==> flow/design.v <==
module chooser_n #(
    parameter DW = 3,
    parameter COUNT = 24,
    parameter SW = $clog2(COUNT)
) (
    input wire aclk,
    input wire resetn,
    input wire [COUNT*DW-1:0] i_data,
    input wire [SW-1:0] i_pick,
    output reg [DW-1:0] o_q
);
    reg [COUNT*DW-1:0] data_s;
    reg [SW-1:0] pick_s;
    always @(posedge aclk or negedge resetn) begin
        if (~resetn) begin
            data_s <= 0;
            pick_s <= 0;
        end else begin
            data_s <= i_data;
            pick_s <= i_pick;
        end
    end
    reg [DW-1:0] t;
    integer k;
    always @(*) begin
        t = 0;
        for (k = 0; k < COUNT; k = k + 1)
            if (pick_s == k) t = data_s[k*DW +: DW];
    end
    always @(posedge aclk or negedge resetn) begin
        if (~resetn) begin
            o_q <= 0;
        end else begin
            o_q <= t;
        end
    end
endmodule
==> reports on chooser_n <==
From RTL to reports: chooser_n:

Module chooser_n in several versions that differ in "DW"; each step lists the members.
The file above is the member DW=3. Line numbers count from 1 in each member's own file.
The mark n/a stands for no value.

* top module: chooser_n
* clock input: aclk
* standard-cell library: sky130hd
* timing corner: tt_025C_1v80

Source of the members:

Lines of each other member's file that are new or changed against the file above; lines that a member lacks are not shown.

New or changed lines
* DW 8: line 2 `parameter DW = 8,`
* DW 12: line 2 `parameter DW = 12,`
* DW 16: line 2 `parameter DW = 16,`
* DW 24: line 2 `parameter DW = 24,`

After elaboration:

Yosys after proc, flatten, opt, wreduce and memory -nomap, before mapping. Enables and synchronous resets that opt folds into registers are not counted as muxes. Memory bits, and registers merged into a memory's read port (data or address), are not among the register bits. Print and check cells are not counted. Equal cells are merged and count once.

Word-level totals
* DW 3: flip-flop bits (word level) 80, input port bits 79, cells after elaboration 51, output and inout bits 3
* DW 8: flip-flop bits (word level) 205, input port bits 199, cells after elaboration 51, output and inout bits 8
* DW 12: flip-flop bits (word level) 305, input port bits 295, cells after elaboration 51, output and inout bits 12
* DW 16: flip-flop bits (word level) 405, input port bits 391, cells after elaboration 51, output and inout bits 16
* DW 24: flip-flop bits (word level) 605, input port bits 583, cells after elaboration 51, output and inout bits 24

Cells by class
* DW 3: mux-type cells 24, reduce/logical cells 1, eq/ne operators 23
* DW 8: mux-type cells 24, reduce/logical cells 1, eq/ne operators 23
* DW 12: mux-type cells 24, reduce/logical cells 1, eq/ne operators 23
* DW 16: mux-type cells 24, reduce/logical cells 1, eq/ne operators 23
* DW 24: mux-type cells 24, reduce/logical cells 1, eq/ne operators 23

Operators by type and width (kinds with counts)
* DW 3: 24 x two-way mux 3 bit; 8 x equality test 5 x 4 -> 1 bit with constant B; 8 x equality test 5 bit with constant B; 4 x equality test 5 x 3 -> 1 bit with constant B; 2 x equality test 5 x 2 -> 1 bit with constant B; 1 x equality test 5 x 1 -> 1 bit with constant B; 1 x zero test 5 bit
* DW 8: 24 x two-way mux 8 bit; 8 x equality test 5 x 4 -> 1 bit with constant B; 8 x equality test 5 bit with constant B; 4 x equality test 5 x 3 -> 1 bit with constant B; 2 x equality test 5 x 2 -> 1 bit with constant B; 1 x equality test 5 x 1 -> 1 bit with constant B; 1 x zero test 5 bit
* DW 12: 24 x two-way mux 12 bit; 8 x equality test 5 x 4 -> 1 bit with constant B; 8 x equality test 5 bit with constant B; 4 x equality test 5 x 3 -> 1 bit with constant B; 2 x equality test 5 x 2 -> 1 bit with constant B; 1 x equality test 5 x 1 -> 1 bit with constant B; 1 x zero test 5 bit
* DW 16: 24 x two-way mux 16 bit; 8 x equality test 5 x 4 -> 1 bit with constant B; 8 x equality test 5 bit with constant B; 4 x equality test 5 x 3 -> 1 bit with constant B; 2 x equality test 5 x 2 -> 1 bit with constant B; 1 x equality test 5 x 1 -> 1 bit with constant B; 1 x zero test 5 bit
* DW 24: 24 x two-way mux 24 bit; 8 x equality test 5 x 4 -> 1 bit with constant B; 8 x equality test 5 bit with constant B; 4 x equality test 5 x 3 -> 1 bit with constant B; 2 x equality test 5 x 2 -> 1 bit with constant B; 1 x equality test 5 x 1 -> 1 bit with constant B; 1 x zero test 5 bit

Depth:

Yosys ltp: most cells in a row. Word level: on the elaborated netlist, between registers, memories and ports. Mapped: between sequential cells and ports; inverters and the memories' decode and read muxes count.

Logic depth
* DW 3: depth after elaboration 25, ABC_AREA 0, mapped depth 8
* DW 8: depth after elaboration 25, ABC_AREA 0, mapped depth 10
* DW 12: depth after elaboration 25, ABC_AREA 0, mapped depth 10
* DW 16: depth after elaboration 25, ABC_AREA 0, mapped depth 10
* DW 24: depth after elaboration 25, ABC_AREA 0, mapped depth 11

Netlist:

Yosys stat after the flow's synthesis: flattened, memories mapped to cells. It holds for the ABC_AREA given above (unset counts as 0); a run with the other value may have another netlist.
The area totals of this step are shown rounded.

Cell types (types with counts)
* DW 3: 80 x sky130_fd_sc_hd__dfrtp_1; 12 x sky130_fd_sc_hd__mux2i_1; 15 x sky130_fd_sc_hd__a21oi_1; 9 x sky130_fd_sc_hd__buf_4; 16 x sky130_fd_sc_hd__nor2_1; 10 x sky130_fd_sc_hd__o21ai_0; 5 x sky130_fd_sc_hd__a211oi_1; 7 x sky130_fd_sc_hd__nor3_1; 3 x sky130_fd_sc_hd__mux2_2; 5 x sky130_fd_sc_hd__a31oi_1; 4 x sky130_fd_sc_hd__a22oi_1; 8 x sky130_fd_sc_hd__nand2_1; 4 x sky130_fd_sc_hd__nand2b_1; 2 x sky130_fd_sc_hd__o211ai_2; 4 x sky130_fd_sc_hd__or3_1; 1 x sky130_fd_sc_hd__mux4_2; 4 x sky130_fd_sc_hd__nand3_1; 2 x sky130_fd_sc_hd__o32a_1; (+45)
* DW 8: 205 x sky130_fd_sc_hd__dfrtp_1; 17 x sky130_fd_sc_hd__mux2i_1; 33 x sky130_fd_sc_hd__o21ai_0; 31 x sky130_fd_sc_hd__a21oi_1; 6 x sky130_fd_sc_hd__mux4_2; 31 x sky130_fd_sc_hd__nand2_1; 26 x sky130_fd_sc_hd__nor2_1; 15 x sky130_fd_sc_hd__o22ai_1; 17 x sky130_fd_sc_hd__buf_2; 17 x sky130_fd_sc_hd__nand3_1; 11 x sky130_fd_sc_hd__a22oi_1; 12 x sky130_fd_sc_hd__nor2b_1; 11 x sky130_fd_sc_hd__nand2b_1; 6 x sky130_fd_sc_hd__mux2_2; 9 x sky130_fd_sc_hd__a31oi_1; 11 x sky130_fd_sc_hd__nor3_1; 6 x sky130_fd_sc_hd__nor3b_1; 5 x sky130_fd_sc_hd__a221oi_1; (+81)
* DW 12: 305 x sky130_fd_sc_hd__dfrtp_1; 45 x sky130_fd_sc_hd__o21ai_0; 43 x sky130_fd_sc_hd__a21oi_1; 54 x sky130_fd_sc_hd__nand2_1; 8 x sky130_fd_sc_hd__mux4_2; 28 x sky130_fd_sc_hd__buf_2; 14 x sky130_fd_sc_hd__mux2i_1; 28 x sky130_fd_sc_hd__nand3_1; 12 x sky130_fd_sc_hd__mux2_2; 21 x sky130_fd_sc_hd__o22ai_1; 28 x sky130_fd_sc_hd__nor2_1; 9 x sky130_fd_sc_hd__buf_6; 11 x sky130_fd_sc_hd__a221oi_1; 13 x sky130_fd_sc_hd__a31oi_1; 12 x sky130_fd_sc_hd__nor2b_1; 9 x sky130_fd_sc_hd__a21o_1; 9 x sky130_fd_sc_hd__buf_4; 13 x sky130_fd_sc_hd__o21ai_1; (+154)
* DW 16: 405 x sky130_fd_sc_hd__dfrtp_1; 51 x sky130_fd_sc_hd__a21oi_1; 11 x sky130_fd_sc_hd__mux4_2; 32 x sky130_fd_sc_hd__a22oi_1; 47 x sky130_fd_sc_hd__o21ai_0; 20 x sky130_fd_sc_hd__mux2i_1; 49 x sky130_fd_sc_hd__nor2_1; 43 x sky130_fd_sc_hd__nand2_1; 17 x sky130_fd_sc_hd__o221ai_1; 21 x sky130_fd_sc_hd__o22ai_1; 13 x sky130_fd_sc_hd__a221oi_1; 22 x sky130_fd_sc_hd__buf_2; 9 x sky130_fd_sc_hd__mux2_2; 16 x sky130_fd_sc_hd__nor3_1; 8 x sky130_fd_sc_hd__a22o_1; 14 x sky130_fd_sc_hd__nand3_1; 11 x sky130_fd_sc_hd__a31oi_1; 11 x sky130_fd_sc_hd__nor2b_1; (+165)
* DW 24: 605 x sky130_fd_sc_hd__dfrtp_1; 15 x sky130_fd_sc_hd__mux4_2; 63 x sky130_fd_sc_hd__a21oi_1; 49 x sky130_fd_sc_hd__o22ai_1; 70 x sky130_fd_sc_hd__nor2_1; 64 x sky130_fd_sc_hd__nand2_1; 38 x sky130_fd_sc_hd__and3_1; 45 x sky130_fd_sc_hd__o21ai_0; 22 x sky130_fd_sc_hd__mux2i_1; 39 x sky130_fd_sc_hd__buf_2; 24 x sky130_fd_sc_hd__a22oi_1; 20 x sky130_fd_sc_hd__a221oi_1; 14 x sky130_fd_sc_hd__mux2_2; 17 x sky130_fd_sc_hd__a2111oi_0; 26 x sky130_fd_sc_hd__nor3_1; 25 x sky130_fd_sc_hd__nand3_1; 16 x sky130_fd_sc_hd__a211oi_1; 16 x sky130_fd_sc_hd__a21o_1; (+269)

The mark (+n) counts cells that are not listed.

Mapped netlist
* DW 3: sequential part of the area 0.002 mm², buffer cells 13, cells in the netlist 236, chip area (Yosys) 0.0031 mm², flip-flops 80
* DW 8: sequential part of the area 0.0051 mm², buffer cells 33, cells in the netlist 550, chip area (Yosys) 0.0073 mm², flip-flops 205
* DW 12: sequential part of the area 0.0076 mm², buffer cells 53, cells in the netlist 816, chip area (Yosys) 0.011 mm², flip-flops 305
* DW 16: sequential part of the area 0.01 mm², buffer cells 47, cells in the netlist 965, chip area (Yosys) 0.014 mm², flip-flops 405
* DW 24: sequential part of the area 0.015 mm², buffer cells 85, cells in the netlist 1437, chip area (Yosys) 0.021 mm², flip-flops 605

Worst setup path after synthesis:

Path of least setup slack by OpenSTA after synthesis, without wires, with an ideal clock, recovery checks aside; 20% of the period is set as input and as output delay. Where synthesis merged equal registers, the netlist keeps one of their names.

Path after synthesis
* DW 3: path type register to register, start point register pick_s[2], end point register o_q[2], delay of the path 1583 ps, path slack 397 ps, driving pins on the path 8, period 1980 ps, period reached after synthesis 1583 ps
* DW 8: path type register to register, start point register pick_s[0], end point register o_q[2], delay of the path 1901 ps, path slack 479 ps, driving pins on the path 7, period 2380 ps, period reached after synthesis 1901 ps
* DW 12: path type register to register, start point register pick_s[2], end point register o_q[5], delay of the path 1813 ps, path slack 457 ps, driving pins on the path 9, period 2270 ps, period reached after synthesis 1813 ps
* DW 16: path type register to register, start point register pick_s[0], end point register o_q[4], delay of the path 1982 ps, path slack 498 ps, driving pins on the path 8, period 2480 ps, period reached after synthesis 1982 ps
* DW 24: path type register to register, start point register pick_s[4], end point register o_q[14], delay of the path 1963 ps, path slack 487 ps, driving pins on the path 8, period 2450 ps, period reached after synthesis 1963 ps

"delay of the path" is the arrival time less input delay plus setup time.
"driving pins on the path": output pins that drive a net of the path, with the launching flip-flop's if there is one; two outputs of one cell count as two.
"period reached after synthesis" = period - worst setup slack (recovery checks aside). The figure is calculated, with input and output delays left at 20% of the set period.
The rows between start and end are the longest chain of elaborated cells between them; the timing report does not say that the signal goes this way. Where chains are equally long, one stands for them.
Each line given opens the expression or statement behind the cell; cells for indexed reads and writes are added by Yosys, which also makes memories of some case tables.

On the way, after synthesis, DW=3:
* length of the longest elaborated chain: 25

RTL lines, path after synthesis, DW=3
* start, declared: line 13 `reg [SW-1:0] pick_s;`
* start, assigned: line 17 `pick_s <= 0;`
* start, assigned: line 20 `pick_s <= i_pick;`
* zero test 5 bit: line 28 `if (pick_s == k) t = data_s[k*DW +: DW];`
* two-way mux 3 bit (24 in a row): line 28
* end, assigned: line 32 `o_q <= 0;`
* end, assigned: line 34 `o_q <= t;`
* end, declared: line 10 `output reg [DW-1:0] o_q`

On the way, after synthesis, DW=24:
* length of the longest elaborated chain: 25

RTL lines, path after synthesis, DW=24
* start, declared: line 13 `reg [SW-1:0] pick_s;`
* start, assigned: line 17 `pick_s <= 0;`
* start, assigned: line 20 `pick_s <= i_pick;`
* zero test 5 bit: line 28 `if (pick_s == k) t = data_s[k*DW +: DW];`
* two-way mux 24 bit (24 in a row): line 28
* end, assigned: line 32 `o_q <= 0;`
* end, assigned: line 34 `o_q <= t;`
* end, declared: line 10 `output reg [DW-1:0] o_q`

Path in the finished layout:

From the final timing report of the run of each member: the path of least setup slack in the routed layout; clock arrival at registers is part of the times.
The path's times are printed in steps of 10 ps; the period is the one set.

Path post-layout
* DW 3: path type register to register, start point register pick_s[3], end point register o_q[2], arrival time 2110 ps, period 1980 ps, path slack 90 ps, driving pins on the path 7
* DW 8: path type register to register, start point register pick_s[1], end point register o_q[4], arrival time 2710 ps, period 2380 ps, path slack 120 ps, driving pins on the path 8
* DW 12: path type register to register, start point register pick_s[0], end point register o_q[3], arrival time 2570 ps, period 2270 ps, path slack 60 ps, driving pins on the path 10
* DW 16: path type register to register, start point register pick_s[2], end point register o_q[8], arrival time 2820 ps, period 2480 ps, path slack 40 ps, driving pins on the path 9
* DW 24: path type register to register, start point register pick_s[1], end point register o_q[16], arrival time 2950 ps, period 2450 ps, path slack -50 ps, driving pins on the path 11

Measured runs:

Settings and results of one run of the flow (Yosys, OpenROAD) for each member follow. The constraints put input and output delay at 20% of the set period each and load the outputs with 0.01 pF.

* CAP_MARGIN: 20
* CORE_MARGIN: 2
* CORE_UTILIZATION: 40
* SLEW_MARGIN: 20

Settings that differ (period_ns)
* DW 3: 1.98
* DW 8: 2.38
* DW 12: 2.27
* DW 16: 2.48
* DW 24: 2.45

Measured results
* DW 3: reached clock period 1895 ps, total power after layout 3300 µW, worst hold slack in the final report 470 ps, worst setup slack after layout 85 ps, utilization after routing 58%, standard-cell area after routing 0.0043 mm², synthesized cell area 0.0031 mm², die footprint 0.0083 mm², summed negative setup slack 0 ps
* DW 8: reached clock period 2263 ps, total power after layout 7900 µW, worst hold slack in the final report 410 ps, worst setup slack after layout 120 ps, utilization after routing 59%, standard-cell area after routing 0.011 mm², synthesized cell area 0.0073 mm², die footprint 0.019 mm², summed negative setup slack 0 ps
* DW 12: reached clock period 2207 ps, total power after layout 13000 µW, worst hold slack in the final report 380 ps, worst setup slack after layout 63 ps, utilization after routing 60%, standard-cell area after routing 0.016 mm², synthesized cell area 0.011 mm², die footprint 0.029 mm², summed negative setup slack 0 ps
* DW 16: reached clock period 2441 ps, total power after layout 16000 µW, worst hold slack in the final report 400 ps, worst setup slack after layout 39 ps, utilization after routing 61%, standard-cell area after routing 0.021 mm², synthesized cell area 0.014 mm², die footprint 0.036 mm², summed negative setup slack 0 ps
* DW 24: reached clock period 2498 ps, total power after layout 24000 µW, worst hold slack in the final report 320 ps, worst setup slack after layout -48 ps, utilization after routing 63%, standard-cell area after routing 0.032 mm², synthesized cell area 0.021 mm², die footprint 0.054 mm², summed negative setup slack -100 ps

"reached clock period" means the clock period less the worst setup slack. The figure is calculated, with input and output delays left at 20% of the set period.
"total power after layout" rests on the timing tool's default activity at the inputs, not on a simulated workload.
The measured numbers are rounded.
